==> flow/design.v <==
module sync_sel_unit_stage #(
  parameter DATA_W = 24,
  parameter N = 4,
  parameter SW = $clog2(N)
) (
  input wire ck,
  input wire rst,
  input wire [N*DATA_W-1:0] in_src,
  input wire [SW-1:0] in_select,
  output wire [DATA_W-1:0] out_y
);
  reg [N*DATA_W-1:0] src_d1;
  reg [SW-1:0] select_d1;
  always @(posedge ck) begin
    if (rst) begin
      src_d1 <= 0;
      select_d1 <= 0;
    end else begin
      src_d1 <= in_src;
      select_d1 <= in_select;
    end
  end
  localparam LO_W = N / 2;
  reg [DATA_W-1:0] lsb_d1;
  reg [DATA_W-1:0] high_d1;
  reg select_d1_d;
  reg [DATA_W-1:0] y_d1;
  always @(posedge ck) begin
    if (rst) begin
      lsb_d1 <= 0;
      high_d1 <= 0;
      select_d1_d <= 1'b0;
      y_d1 <= 0;
    end else begin
      lsb_d1 <= src_d1[select_d1[SW-2:0]*DATA_W +: DATA_W];
      high_d1 <= src_d1[(LO_W + select_d1[SW-2:0])*DATA_W +: DATA_W];
      select_d1_d <= select_d1[SW-1];
      y_d1 <= select_d1_d ? high_d1 : lsb_d1;
    end
  end
  assign out_y = y_d1;
endmodule
; ---- Tool chain data of sync_sel_unit_stage
; Tool output for the design above, in the order of the flow.
; Lines are those of the file above, counted from 1.
; Library cell names are shortened.
; Not given: --
[inputs]
design = sync_sel_unit_stage
clk_port = ck
lib = sky130hd
lib_corner = tt_025C_1v80

; ---- After elaboration
; Counts by Yosys on the flattened word-level netlist (proc, flatten, opt, wreduce; memories kept). Register bits leave out memories and registers merged into their read ports (data or address); mux counts leave out enables and synchronous resets folded into registers. Print and check cells are left out. Cells with the same type and inputs are merged into one.
[op_classes]
reduce_logical = 0
n_cmp = 0
mux = 1
n_eq = 0
mul = 2
div = 0
n_logic = 0
addsub = 1
n_shift = 2
[op_table]
columns = op, n
row1 = 96-bit by 7-bit indexed select with 24-bit output, 1
row2 = 96-bit by 9-bit indexed select with 24-bit output, 1
row3 = 24-bit 2-to-1 mux, 1
row4 = 3-bit by 2-bit multiplier with 5-bit output (second input constant), 1
row5 = 1-bit by 2-bit multiplier with 3-bit output (second input constant), 1
row6 = 2-bit by 1-bit adder with 3-bit output (first input constant), 1
[bits]
mem_bits_rw = 0
clocked_rd_ports_x_width = 0
elab_cells = 12
inputBits = 100
output_inout_bits = 24
latch_bits = 0
mem_bits_ro = 0
n_memories = 0
regBits = 171

; ---- Depth
; Longest topological path by Yosys (ltp), each cell counted once; first at word level (registers and memories cut), then after technology mapping (sequential cells cut; the memories' decode and read muxes count).
[logic_depth]
word_depth = 3
abc_area = 0
ltp_mapped = 5
ltp_nobuf = 2

; ---- Synthesis result
; Source: synth_stat.txt of the flow (Yosys; design flattened, memories mapped). It holds for the ABC_AREA given above (unset counts as 0); a run with the other value may have another netlist.
[by_type]
columns = type, n, area_total_um2
row1 = dfxtp_1, 171, 3.42E+03
row2 = mux2i_1, 72, 720.691
row3 = nor2b_1, 99, 619.344
row4 = nor2_1, 72, 270.259
row5 = buf_2, 15, 75.072
row6 = buf_12, 3, 60.058
row7 = buf_4, 8, 60.058
row8 = buf_6, 2, 22.522
[synth_totals]
buf_cells = 28
mapped_area_um2 = 5251.3
ff_cells = 171
cells = 442
seqArea_um2 = 3423.3

; ---- Timing after synthesis
; Source: OpenSTA report_checks on the synthesized netlist (no wires, ideal clock, input and output delay 20% of the period each), path of least setup slack; recovery checks are left aside. Register names are those of the netlist, which keeps one name where synthesis merged equal registers.
[synth_path]
path_type = register -> register
startpoint = register select_d1[0]
endpoint = register lsb_d1[10]
t_first_pin_ns = 0.000
t_arrival_ns = 0.877
t_required_ns = 1.123
setup_time_ns = 0.117
path_slack_ns = 0.246
stages = 6
n_path_buf = 3
path_delay_ns = 0.994
tclk_ns = 1.24
synth_period_reached_ns = 0.994
; "path_delay_ns" is the arrival time less input delay plus setup time.
; "stages": output pins that drive a net of the path, with the launching flip-flop's if there is one; two outputs of one cell count as two.
; "synth_period_reached_ns" = period - worst setup slack (recovery checks aside). The figure is calculated, with input and output delays left at 20% of the set period.
; The rows between start and end are the longest chain of elaborated cells between them; the timing report does not say that the signal goes this way. Where chains are equally long, one stands for them.
; Each line given opens the expression or statement behind the cell; cells for indexed reads and writes are added by Yosys, which also makes memories of some case tables.
[synth_via]
cell_sequence = dfxtp_1 -> buf_6 -> buf_12 -> buf_12 -> mux2i_1 -> nor2_1
elab_chain_len = 2
cone_cells = 2
cone_lines = 1
cone_classes = mul: 1; shift: 1
[synth_lines]
columns = item, line
row1 = "start, declared", 13  ; reg [SW-1:0] select_d1;
row2 = "start, assigned", 17  ; select_d1 <= 0;
row3 = "start, assigned", 20  ; select_d1 <= in_select;
row4 = 1-bit by 2-bit multiplier with 3-bit output, 35  ; lsb_d1 <= src_d1[select_d1[SW-2:0]*DATA_W +: DATA_W];
row5 = 96-bit by 7-bit indexed select with 24-bit output, 35
row6 = "end, assigned", 30  ; lsb_d1 <= 0;
row7 = "end, assigned", 35
row8 = "end, declared", 24  ; reg [DATA_W-1:0] lsb_d1;

; ---- Timing after layout
; From the final timing report of entry A: the path of least setup slack in the routed layout; clock arrival at registers is part of the times.
[layout_path]
path_type = register -> output
startpoint = register y_d1[19]
endpoint = output port out_y[19]
t_first_pin_ns = 0.41
path_slack_ns = 0.44
t_required_ns = 1.40
stages = 2
tclk_ns = 1.75
n_path_buf = 1
t_arrival_ns = 0.96
output_delay_ns = 0.35
[layout_via]
cell_sequence = dfxtp_1 -> clkdlybuf4s15_2
elab_chain_len = 0
cone_cells = 0
cone_lines = 0
[layout_lines]
columns = item, line
row1 = "start, declared", 27  ; reg [DATA_W-1:0] y_d1;
row2 = "start, assigned", 33  ; y_d1 <= 0;
row3 = "start, assigned", 38  ; y_d1 <= select_d1_d ? high_d1 : lsb_d1;
row4 = "end, declared", 10  ; output wire [DATA_W-1:0] out_y

; Flow measurements of sync_sel_unit_stage on sky130hd: 3 stored runs with different settings, listed in no order. Input and output delays are each 20% of the period that was set; the output load is 0.01 pF.
; By "period_reached_ns" is meant the clock period of the run minus its worst setup slack. This is arithmetic on one report: input and output delays are still those of the set period (20% each).
; "worst_setup_path_time_ns" = time allowed to the worst setup path (clock period - input delay - output delay, where it has them) - its slack; a late launch clock adds to it, a late capture clock takes from it.
; "total_power_mw": no workload was simulated; the value follows from the tool's default switching activity.

[entry A: settings]
period_ns = 1.75
CORE_UTILIZATION = 26
SETUP_SLACK_MARGIN = 0.43
PLACE_DENSITY_LB_ADDON = 0.07
CORE_MARGIN = 7
TNS_END_PERCENT = 25
GPL_ROUTABILITY_DRIVEN = 1
CTS_CLUSTER_SIZE = 22
CAP_MARGIN = 25
SLEW_MARGIN = 20
[entry A: results]
synthArea_um2 = 5251.3
finalUtil_frac = 0.372
worstSetupSlack_ns = 0.441
design.die.area_um2 = 24371.9
worst_setup_path_time_ns = 0.96
worstPathKind = register -> output
timing.hold.ws_ns = 0.283
finish.stdcell_area_um2 = 7320.8
total_power_mw = 8.801
period_reached_ns = 1.309

[entry B: settings]
period_ns = 1.24
CAP_MARGIN = 20
CORE_MARGIN = 2
CORE_UTILIZATION = 40
SLEW_MARGIN = 20
[entry B: results]
timing.hold.ws_ns = 0.308
period_reached_ns = 1.200
worstSetupSlack_ns = 0.040
synthArea_um2 = 5251.3
finish.stdcell_area_um2 = 7138.1
total_power_mw = 11.991
design.die.area_um2 = 14061.2
finalUtil_frac = 0.561
worst_setup_path_time_ns = 0.95
worstPathKind = register -> output

[entry C: settings]
period_ns = 1.43
CORE_UTILIZATION = 54
PLACE_DENSITY = 0.86
CELL_PAD_IN_SITES_DETAIL_PLACEMENT = 0
CTS_CLUSTER_SIZE = 50
CTS_CLUSTER_DIAMETER = 224
MAX_ROUTING_LAYER = met4
CAP_MARGIN = 20
CORE_MARGIN = 2
SLEW_MARGIN = 20
[entry C: results]
timing.hold.ws_ns = 0.097
worst_setup_path_time_ns = 1.08
worstPathKind = register -> output
design.die.area_um2 = 10529.8
finalUtil_frac = 0.761
period_reached_ns = 1.366
worstSetupSlack_ns = 0.064
synthArea_um2 = 5251.3
total_power_mw = 10.326
finish.stdcell_area_um2 = 7099.3
